==> flow/design.v <==
module u_times_mod #(
    parameter WIDTH = 22,
    parameter GUARD = 2
) (
    input wire clk,
    input wire resetn,
    input wire [WIDTH-1:0] op_a_i,
    input wire [WIDTH-1:0] op_b_i,
    input wire start_i,
    output wire [2*WIDTH+GUARD-1:0] mul_o
);
    wire [2*WIDTH-1:0] val;
    assign val = op_a_i * op_b_i;
    reg [2*WIDTH+GUARD-1:0] total;
    always @(posedge clk) begin
        if (!resetn) begin
            total <= 0;
        end else begin
            total <= start_i ? val : total + val;
        end
    end
    assign mul_o = total;
endmodule
# Reports on u_times_mod
# The steps from the RTL of u_times_mod to its reports follow in flow order.
# Lines are those of the file above, counted from 1.
# Operators: Yosys type, input widths -> output width; for muxes data width and select width s.
# Not given: -
dict set report inputs {
  top {u_times_mod}
  clock_port {clk}
  library {sky130hd}
  lib_corner {tt_025C_1v80}
}

# Word level
# Yosys after proc, flatten, opt, wreduce and memory -nomap, before mapping. Enables and synchronous resets that opt folds into registers are not counted as muxes. Memory bits, and registers merged into a memory's read port (data or address), are not among the register bits. Print and check cells are not counted. Equal cells are merged and count once.
dict set report bits {
  register_bits 46
  in_bits 47
  out_inout_bits 46
  elab_cells 7
}
dict set report classes {
  addsub 1
  multipliers 1
  n_mux 1
  bitwise 1
  n_reduce_logical 1
}
# op n
set ops {}
lappend ops {{$mul 22x22->44} 1}
lappend ops {{$add 46x44->46} 1}
lappend ops {{$mux 44} 1}
lappend ops {{$reduce_or 2->1} 1}
lappend ops {{$not 1->1} 1}

# Logic depth
# Yosys ltp: most cells in a row. Word level: on the elaborated netlist, between registers, memories and ports. Mapped: between sequential cells and ports; inverters and the memories' decode and read muxes count.
dict set report logic_depth {
  depth_word 3
  abc_area 0
  depth_mapped 34
  ltp_nobuf 32
}

# Synthesis result
# The flow's flattened synthesis, as Yosys stat reports it; memories are mapped. The netlist is that of the ABC_AREA named above (0 if unset); the other value can give another one.
# cell n area_total_um2
set by_type {}
lappend by_type {sky130_fd_sc_hd__fa_1 398 7.97E+03}
lappend by_type {sky130_fd_sc_hd__ha_1 204 2.55E+03}
lappend by_type {sky130_fd_sc_hd__inv_1 404 1.52E+03}
lappend by_type {sky130_fd_sc_hd__and2_1 237 1.48E+03}
lappend by_type {sky130_fd_sc_hd__nand2_1 344 1.29E+03}
lappend by_type {sky130_fd_sc_hd__dfxtp_1 46 920.883}
lappend by_type {sky130_fd_sc_hd__a21oi_1 104 520.499}
lappend by_type {sky130_fd_sc_hd__xnor2_1 51 446.678}
lappend by_type {sky130_fd_sc_hd__clkbuf_1 97 364.099}
lappend by_type {sky130_fd_sc_hd__a21o_1 40 300.288}
lappend by_type {sky130_fd_sc_hd__xor2_1 26 227.718}
lappend by_type {sky130_fd_sc_hd__o21ai_0 41 205.197}
lappend by_type {sky130_fd_sc_hd__nor2_1 54 202.694}
lappend by_type {sky130_fd_sc_hd__nand3_1 25 125.12}
lappend by_type {sky130_fd_sc_hd__o21bai_1 16 120.115}
lappend by_type {sky130_fd_sc_hd__nand4_1 18 112.608}
lappend by_type {sky130_fd_sc_hd__mux2i_1 10 100.096}
lappend by_type {sky130_fd_sc_hd__nor3_1 15 75.072}
# Not listed: further types 59, cells in them 179.
dict set report synth_totals {
  cells 2309
  mapped_area_um2 19920.4
  seq_area_um2 920.9
  flip_flops 46
  buffers 118
}

# Timing after synthesis
# Path of least setup slack by OpenSTA after synthesis, without wires, with an ideal clock, recovery checks aside; 20% of the period is set as input and as output delay. Where synthesis merged equal registers, the netlist keeps one of their names.
dict set report synth_path {
  kind {input to register}
  start {input op_b_i[1]}
  end {register total[39]}
  period_ps 11800
  in_delay_ps 2360
  setup_time_ps 119
  launch_ps 2360
  arrival_ps 9765
  required_time_ps 11681
  slack_ps 1916
  path_delay_ps 7524
  path_stages 28
  path_buffers 2
  synth_period_reached_ps 9884
}
# "path_delay_ps" is the arrival time less input delay plus setup time.
# "path_stages": output pins that drive a net of the path, with the launching flip-flop's if there is one; two outputs of one cell count as two.
# "synth_period_reached_ps" = period - worst setup slack (recovery checks aside). The figure is calculated, with input and output delays left at 20% of the set period.
# The rows between start and end are the longest chain of elaborated cells between them; the timing report does not say that the signal goes this way. Where chains are equally long, one stands for them.
# Each line given opens the expression or statement behind the cell; cells for indexed reads and writes are added by Yosys, which also makes memories of some case tables.
dict set report synth_between {
  path_cell_list {sky130_fd_sc_hd__clkbuf_1 -> sky130_fd_sc_hd__nand2_1 -> sky130_fd_sc_hd__fa_1 -> sky130_fd_sc_hd__fa_1 -> sky130_fd_sc_hd__fa_1 -> sky130_fd_sc_hd__inv_1 -> sky130_fd_sc_hd__fa_1 -> sky130_fd_sc_hd__inv_1 -> sky130_fd_sc_hd__fa_1 -> sky130_fd_sc_hd__inv_1 -> sky130_fd_sc_hd__fa_1 -> sky130_fd_sc_hd__fa_1 -> sky130_fd_sc_hd__ha_1 -> sky130_fd_sc_hd__clkbuf_1 -> sky130_fd_sc_hd__nand2_1 -> sky130_fd_sc_hd__or3_1 -> sky130_fd_sc_hd__o41ai_1 -> sky130_fd_sc_hd__xor2_1 -> sky130_fd_sc_hd__ha_1 -> sky130_fd_sc_hd__a211oi_1 -> sky130_fd_sc_hd__nor2_1 -> sky130_fd_sc_hd__or4_1 -> sky130_fd_sc_hd__a31o_2 -> sky130_fd_sc_hd__a221o_1 -> sky130_fd_sc_hd__a311oi_1 -> sky130_fd_sc_hd__o31ai_1 -> sky130_fd_sc_hd__xnor2_1 -> sky130_fd_sc_hd__o21ai_1}
  elab_chain_cells 3
  cone_cells 3
  lines_between 2
  cone_classes {1 x add/sub; 1 x mul; 1 x mux}
}
# item line_no
set synth_rtl {}
lappend synth_rtl {{start: declaration} 8} ;# input wire [WIDTH-1:0] op_b_i,
lappend synth_rtl {{$mul 22x22->44} 13} ;# assign val = op_a_i * op_b_i;
lappend synth_rtl {{$add 46x44->46} 19} ;# total <= start_i ? val : total + val;
lappend synth_rtl {{$mux 44} 19}
lappend synth_rtl {{end: assignment} 17} ;# total <= 0;
lappend synth_rtl {{end: assignment} 19}
lappend synth_rtl {{end: declaration} 14} ;# reg [2*WIDTH+GUARD-1:0] total;

# Path in the finished layout
# From the final timing report of run 1: the path of least setup slack in the routed layout; clock arrival at registers is part of the times.
# The report prints the path's times to 10 ps; the period is as set.
dict set report layout_path {
  kind {input to register}
  start {input op_b_i[4]}
  end {register total[39]}
  period_ps 11800
  in_delay_ps 2360
  setup_time_ps 120
  launch_ps 2360
  arrival_ps 11480
  required_time_ps 11990
  slack_ps 510
  path_stages 27
  path_buffers 2
}
# The rows between start and end are the longest chain of elaborated cells between them; the timing report does not say that the signal goes this way. Where chains are equally long, one stands for them.
dict set report layout_between {
  path_cell_list {sky130_fd_sc_hd__clkdlybuf4s50_1 -> sky130_fd_sc_hd__buf_4 -> sky130_fd_sc_hd__and2_1 -> sky130_fd_sc_hd__fa_1 -> sky130_fd_sc_hd__fa_1 -> sky130_fd_sc_hd__inv_1 -> sky130_fd_sc_hd__fa_1 -> sky130_fd_sc_hd__inv_1 -> sky130_fd_sc_hd__fa_1 -> sky130_fd_sc_hd__fa_1 -> sky130_fd_sc_hd__fa_1 -> sky130_fd_sc_hd__fa_1 -> sky130_fd_sc_hd__ha_1 -> sky130_fd_sc_hd__nand4_1 -> sky130_fd_sc_hd__or3_1 -> sky130_fd_sc_hd__o41ai_1 -> sky130_fd_sc_hd__xor2_1 -> sky130_fd_sc_hd__ha_1 -> sky130_fd_sc_hd__a211oi_1 -> sky130_fd_sc_hd__nor2_1 -> sky130_fd_sc_hd__or4_1 -> sky130_fd_sc_hd__a31o_2 -> sky130_fd_sc_hd__a221o_1 -> sky130_fd_sc_hd__a311oi_1 -> sky130_fd_sc_hd__o31ai_1 -> sky130_fd_sc_hd__xnor2_1 -> sky130_fd_sc_hd__o21ai_1}
  elab_chain_cells 3
  cone_cells 3
  lines_between 2
  cone_classes {1 x add/sub; 1 x mul; 1 x mux}
}
# item line_no
set layout_rtl {}
lappend layout_rtl {{start: declaration} 8} ;# input wire [WIDTH-1:0] op_b_i,
lappend layout_rtl {{$mul 22x22->44} 13} ;# assign val = op_a_i * op_b_i;
lappend layout_rtl {{$add 46x44->46} 19} ;# total <= start_i ? val : total + val;
lappend layout_rtl {{$mux 44} 19}
lappend layout_rtl {{end: assignment} 17} ;# total <= 0;
lappend layout_rtl {{end: assignment} 19}
lappend layout_rtl {{end: declaration} 14} ;# reg [2*WIDTH+GUARD-1:0] total;

; Design u_times_mod on sky130hd. What follows are 3 stored runs of the flow, each under its own settings; their order means nothing. The constraints put input and output delay at 20% of the set period each and load the outputs with 0.01 pF.
; By "clock_period_reached_ps" is meant the clock period of the run minus its worst setup slack. This is arithmetic on one report: input and output delays are still those of the set period (20% each).
; "worst_path_time_ps" = time allowed to the worst setup path (clock period - input delay - output delay, where it has them) - its slack; a late launch clock adds to it, a late capture clock takes from it.
; "worst_path_time_ps" is given in steps of 10 ps.

[run 1: settings]
period_ns = 11.8
CAP_MARGIN = 20
CORE_MARGIN = 2
CORE_UTILIZATION = 40
SLEW_MARGIN = 20
[run 1: results]
final_stdcell_area_um2 = 21822.2
final_die_area_um2 = 51601.7
worst_path_time_ps = 8930
worstPathKind = input to register
holdWs_ps = 538
total_negative_slack_ps = 0
clock_period_reached_ps = 11294
final_setup_ws_ps = 506
synth_chip_area_um2 = 19920.4

[run 2: settings]
period_ns = 9.5
CORE_UTILIZATION = 36
SETUP_SLACK_MARGIN = -0.04
PLACE_DENSITY_LB_ADDON = 0.06
CORE_ASPECT_RATIO = 1.46
CELL_PAD_IN_SITES_GLOBAL_PLACEMENT = 0
TNS_END_PERCENT = 85
ABC_AREA = 1
GPL_ROUTABILITY_DRIVEN = 0
CTS_CLUSTER_SIZE = 32
CTS_CLUSTER_DIAMETER = 165
CAP_MARGIN = 5
MIN_ROUTING_LAYER = met2
CORE_MARGIN = 2
SLEW_MARGIN = 20
[run 2: results]
worst_path_time_ps = 7400
worstPathKind = input to register
total_negative_slack_ps = 0
final_die_area_um2 = 64008.4
holdWs_ps = 516
final_stdcell_area_um2 = 27068.5
clock_period_reached_ps = 9303
final_setup_ws_ps = 197
synth_chip_area_um2 = 22307.6

[run 3: settings]
period_ns = 7.92
CORE_UTILIZATION = 72
CORE_ASPECT_RATIO = 1.17
CAP_MARGIN = 20
CORE_MARGIN = 2
SLEW_MARGIN = 20
[run 3: results]
outcome = stopped before the end: clock tree synthesis reported DPL-0033
